==> flow/design.v <==
module core_chooser_rtl #(
    parameter WD = 1,
    parameter WAYS = 10,
    parameter SEL_WIDTH = $clog2(WAYS)
) (
    input wire ck,
    input wire RST,
    input wire [WAYS*WD-1:0] in_ch,
    input wire [SEL_WIDTH-1:0] in_sel,
    output wire [WD-1:0] out_q
);
    reg [WAYS*WD-1:0] ch_r;
    reg [SEL_WIDTH-1:0] sel_r;
    always @(posedge ck or posedge RST) begin
        if (RST) begin
            ch_r <= 0;
            sel_r <= 0;
        end else begin
            ch_r <= in_ch;
            sel_r <= in_sel;
        end
    end
    wire [WAYS-1:0] onehot = {{(WAYS-1){1'b0}}, 1'b1} << sel_r;
    reg [WAYS-1:0] onehot_r;
    reg [WAYS*WD-1:0] ch_r_d;
    always @(posedge ck or posedge RST) begin
        if (RST) begin
            onehot_r <= 0;
            ch_r_d <= 0;
        end else begin
            onehot_r <= onehot;
            ch_r_d <= ch_r;
        end
    end
    reg [WD-1:0] r;
    integer i;
    always @(*) begin
        r = 0;
        for (i = 0; i < WAYS; i = i + 1)
            r = r | (ch_r_d[i*WD +: WD] & {WD{onehot_r[i]}});
    end
    reg [WD-1:0] q_r;
    always @(posedge ck or posedge RST) begin
        if (RST) begin
            q_r <= 0;
        end else begin
            q_r <= r;
        end
    end
    assign out_q = q_r;
endmodule
# Step by step through the tools: core_chooser_rtl

What the tools print for core_chooser_rtl, step after step.
Lines are those of the file above, counted from 1.
Operators carry their Yosys type and port widths (W data, S select, Z words).
The mark n/a stands for no value.

Top: core_chooser_rtl
Clock input: ck
Library: sky130hd
Corner: tt_025C_1v80

# After elaboration

Counts by Yosys on the flattened word-level netlist (proc, flatten, opt, wreduce; memories kept). Register bits leave out memories and registers merged into their read ports (data or address); mux counts leave out enables and synchronous resets folded into registers. Print and check cells are left out. Cells with the same type and inputs are merged into one.

Register bits after elaboration: 35
Bits in latches: 0
Memory bits (writable): 0
Memory bits (read-only): 0
Clocked read ports x word width: 0
Memory cells: 0
Input port bits: 16
Output and inout bits: 1
Elaborated cells: 25

Add/subtract/negate cells: 0
Multipliers: 0
Div/mod/pow operators: 0
Order comparisons: 0
Eq/ne operators: 0
Shifts and indexed selects: 1
Multiplexer cells: 0
Bitwise logic cells: 19
Reductions and logical operators: 0

Operators with widths:

| operator               | count |
| $and A1 B1 Y1          | 10 |
| $shl A1 B4 Y10 const A | 1 |
| $or A1 B1 Y1           | 9 |

# Longest topological paths

Depth = most cells in a row (Yosys ltp): at word level without a register or memory, in the mapped netlist without a sequential cell, where the memories' decode and read muxes count.

Word-level depth: 10
ABC_AREA: 0
Mapped depth: 3
Depth with buffers taken out: 3

# Mapped cells and area

Source: synth_stat.txt of the flow (Yosys; design flattened, memories mapped). It holds for the ABC_AREA given above (unset counts as 0); a run with the other value may have another netlist.

Cells by type:

| cell type                 | count | area in all (um^2) |
| sky130_fd_sc_hd__dfrtp_1  | 35    | 875.84 |
| sky130_fd_sc_hd__nand2b_1 | 4     | 25.024 |
| sky130_fd_sc_hd__nor3_1   | 5     | 25.024 |
| sky130_fd_sc_hd__a22oi_1  | 3     | 22.522 |
| sky130_fd_sc_hd__a221oi_2 | 1     | 15.014 |
| sky130_fd_sc_hd__nor2_1   | 4     | 15.014 |
| sky130_fd_sc_hd__a22o_1   | 1     | 8.758 |
| sky130_fd_sc_hd__nand4_1  | 1     | 6.256 |
| sky130_fd_sc_hd__nor4_1   | 1     | 6.256 |
| sky130_fd_sc_hd__inv_1    | 1     | 3.754 |
| sky130_fd_sc_hd__nand2_1  | 1     | 3.754 |

Mapped cells: 57
Synthesis area: 1,007.2 um^2
Sequential part of the area: 875.8 um^2
Flip-flop cells: 35
Buffers: 0

# Timing after synthesis

Source: OpenSTA report_checks on the synthesized netlist (no wires, ideal clock, input and output delay 20% of the period each), path of least setup slack; recovery checks are left aside. Register names are those of the netlist, which keeps one name where synthesis merged equal registers.

Kind: flip-flop to flip-flop
Start point: register ch_r_d[7]
End point: register q_r
Clock period: 1.19 ns
Library setup time: 0.135 ns
Time at the first pin: 0.000 ns
Arrival: 0.817 ns
Data required time: 1.055 ns
Setup slack: 0.238 ns
Delay of the path: 0.952 ns
Stages on the path: 4
Buffers on the path: 0
Period reached after synthesis: 0.952 ns

"delay of the path" is the arrival time less input delay plus setup time.
"stages on the path": output pins that drive a net of the path, with the launching flip-flop's if there is one; two outputs of one cell count as two.
"period reached after synthesis" is the clock period less the worst setup slack; recovery checks do not enter. This is arithmetic on one report: input and output delays are still those of the set period (20% each).
Between the ends stands the longest chain of elaborated cells between them, by number of cells; it is not shown to be the way that was timed. Of several equally long chains one is given.
A line is the first line of the expression or statement that the cell stems from. Yosys adds cells for indexed reads and writes and turns some case tables into memories.

Path through: sky130_fd_sc_hd__dfrtp_1 sky130_fd_sc_hd__a22o_1 sky130_fd_sc_hd__a221oi_2 sky130_fd_sc_hd__nand4_1
Cells in the longest elaborated chain: 4
Elaborated cells between the ends (all ways): 4
RTL lines with such cells: 1
Classes of those cells: 4 x logic

RTL lines, path after synthesis:

| element            | RTL line | RTL |
| start: declaration | 25       | `reg [WAYS*WD-1:0] ch_r_d;` |
| start: assignment  | 29       | `ch_r_d <= 0;` |
| start: assignment  | 32       | `ch_r_d <= ch_r;` |
| $and A1 B1 Y1      | 40       | `r = r \| (ch_r_d[i*WD +: WD] & {WD{onehot_r[i]}});` |
| $or A1 B1 Y1 x3    | 40       |  |
| end: assignment    | 45       | `q_r <= 0;` |
| end: assignment    | 47       | `q_r <= r;` |
| end: declaration   | 42       | `reg [WD-1:0] q_r;` |

# Path in the finished layout

Path of least setup slack in the final report of flow run A (OpenROAD, finished layout, wires in). Where an end is a register, its clock arrival counts in the times.

Kind: flip-flop to flip-flop
Start point: register ch_r_d[7]
End point: register q_r
Clock period: 0.994 ns
Library setup time: 0.12 ns
Time at the first pin: 0.31 ns
Arrival: 1.20 ns
Data required time: 1.18 ns
Setup slack: -0.02 ns
Stages on the path: 4
Buffers on the path: 0

Between the ends stands the longest chain of elaborated cells between them, by number of cells; it is not shown to be the way that was timed. Of several equally long chains one is given.

Path through: sky130_fd_sc_hd__dfrtp_1 sky130_fd_sc_hd__a22o_1 sky130_fd_sc_hd__a221oi_2 sky130_fd_sc_hd__nand4_1
Cells in the longest elaborated chain: 4
Elaborated cells between the ends (all ways): 4
RTL lines with such cells: 1
Classes of those cells: 4 x logic

RTL lines, path after layout:

| element            | RTL line | RTL |
| start: declaration | 25       | `reg [WAYS*WD-1:0] ch_r_d;` |
| start: assignment  | 29       | `ch_r_d <= 0;` |
| start: assignment  | 32       | `ch_r_d <= ch_r;` |
| $and A1 B1 Y1      | 40       | `r = r \| (ch_r_d[i*WD +: WD] & {WD{onehot_r[i]}});` |
| $or A1 B1 Y1 x3    | 40       |  |
| end: assignment    | 45       | `q_r <= 0;` |
| end: assignment    | 47       | `q_r <= r;` |
| end: declaration   | 42       | `reg [WD-1:0] q_r;` |

Memo
Re: implementation data of core_chooser_rtl

Top module core_chooser_rtl; platform sky130hd; tools Yosys and OpenROAD; 3 stored runs in no particular order. Input and output delays are each 20% of the period that was set; the output load is 0.01 pF.
"achieved period" = clock period - worst setup slack. The figure is calculated, with input and output delays left at 20% of the set period.
By "allowed time less slack (worst setup path)" is meant the share of the clock period that the worst setup path is allowed (20% is reserved at inputs, 20% at outputs), minus its slack. Clock arrival times at its registers enter into it.
"power consumption": no workload was simulated; the value follows from the tool's default switching activity.
Settings: -- = not set for that run.

| setting or result                               | flow run A             | flow run B             | flow run C               |
| period_ns                                       | 0.994                  | 0.731                  | 1.19                     |
| CORE_UTILIZATION                                | 50                     | 37                     | 40                       |
| SETUP_SLACK_MARGIN                              | -0.07                  | 0.11                   | --                       |
| PLACE_DENSITY                                   | 0.83                   | --                     | --                       |
| CELL_PAD_IN_SITES_DETAIL_PLACEMENT              | 1                      | --                     | --                       |
| GPL_ROUTABILITY_DRIVEN                          | 1                      | 0                      | --                       |
| CTS_CLUSTER_SIZE                                | 80                     | 88                     | --                       |
| MAX_ROUTING_LAYER                               | met4                   | met5                   | --                       |
| CAP_MARGIN                                      | 20                     | 20                     | 20                       |
| CORE_MARGIN                                     | 2                      | 2                      | 2                        |
| SLEW_MARGIN                                     | 20                     | 20                     | 20                       |
| PLACE_DENSITY_LB_ADDON                          | --                     | 0.3                    | --                       |
| HOLD_SLACK_MARGIN                               | --                     | -0.0                   | --                       |
| CORE_ASPECT_RATIO                               | --                     | 1.49                   | --                       |
| TNS_END_PERCENT                                 | --                     | 80                     | --                       |
| MIN_ROUTING_LAYER                               | --                     | met1                   | --                       |
| full die area (um^2)                            | 2,389.2                | 3,163.9                | 2,935.5                  |
| standard-cell area of the final layout (um^2)   | 1,285.0                | 1,497.7                | 1,261.2                  |
| achieved period (ns)                            | 1.010                  | 0.981                  | 1.054                    |
| lowest setup slack (ns)                         | -0.016                 | -0.250                 | 0.136                    |
| synthesized cell area (um^2)                    | 1,007.2                | 1,007.2                | 1,007.2                  |
| allowed time less slack (worst setup path) (ns) | 1.01                   | 0.98                   | 0.82                     |
| worst path kind                                 | flip-flop to flip-flop | flip-flop to flip-flop | flip-flop to output port |
| post-route setup TNS (ns)                       | -0.026                 | -1.262                 | 0.000                    |
| power consumption (W)                           | 0.002464               | 0.003815               | 0.001905                 |
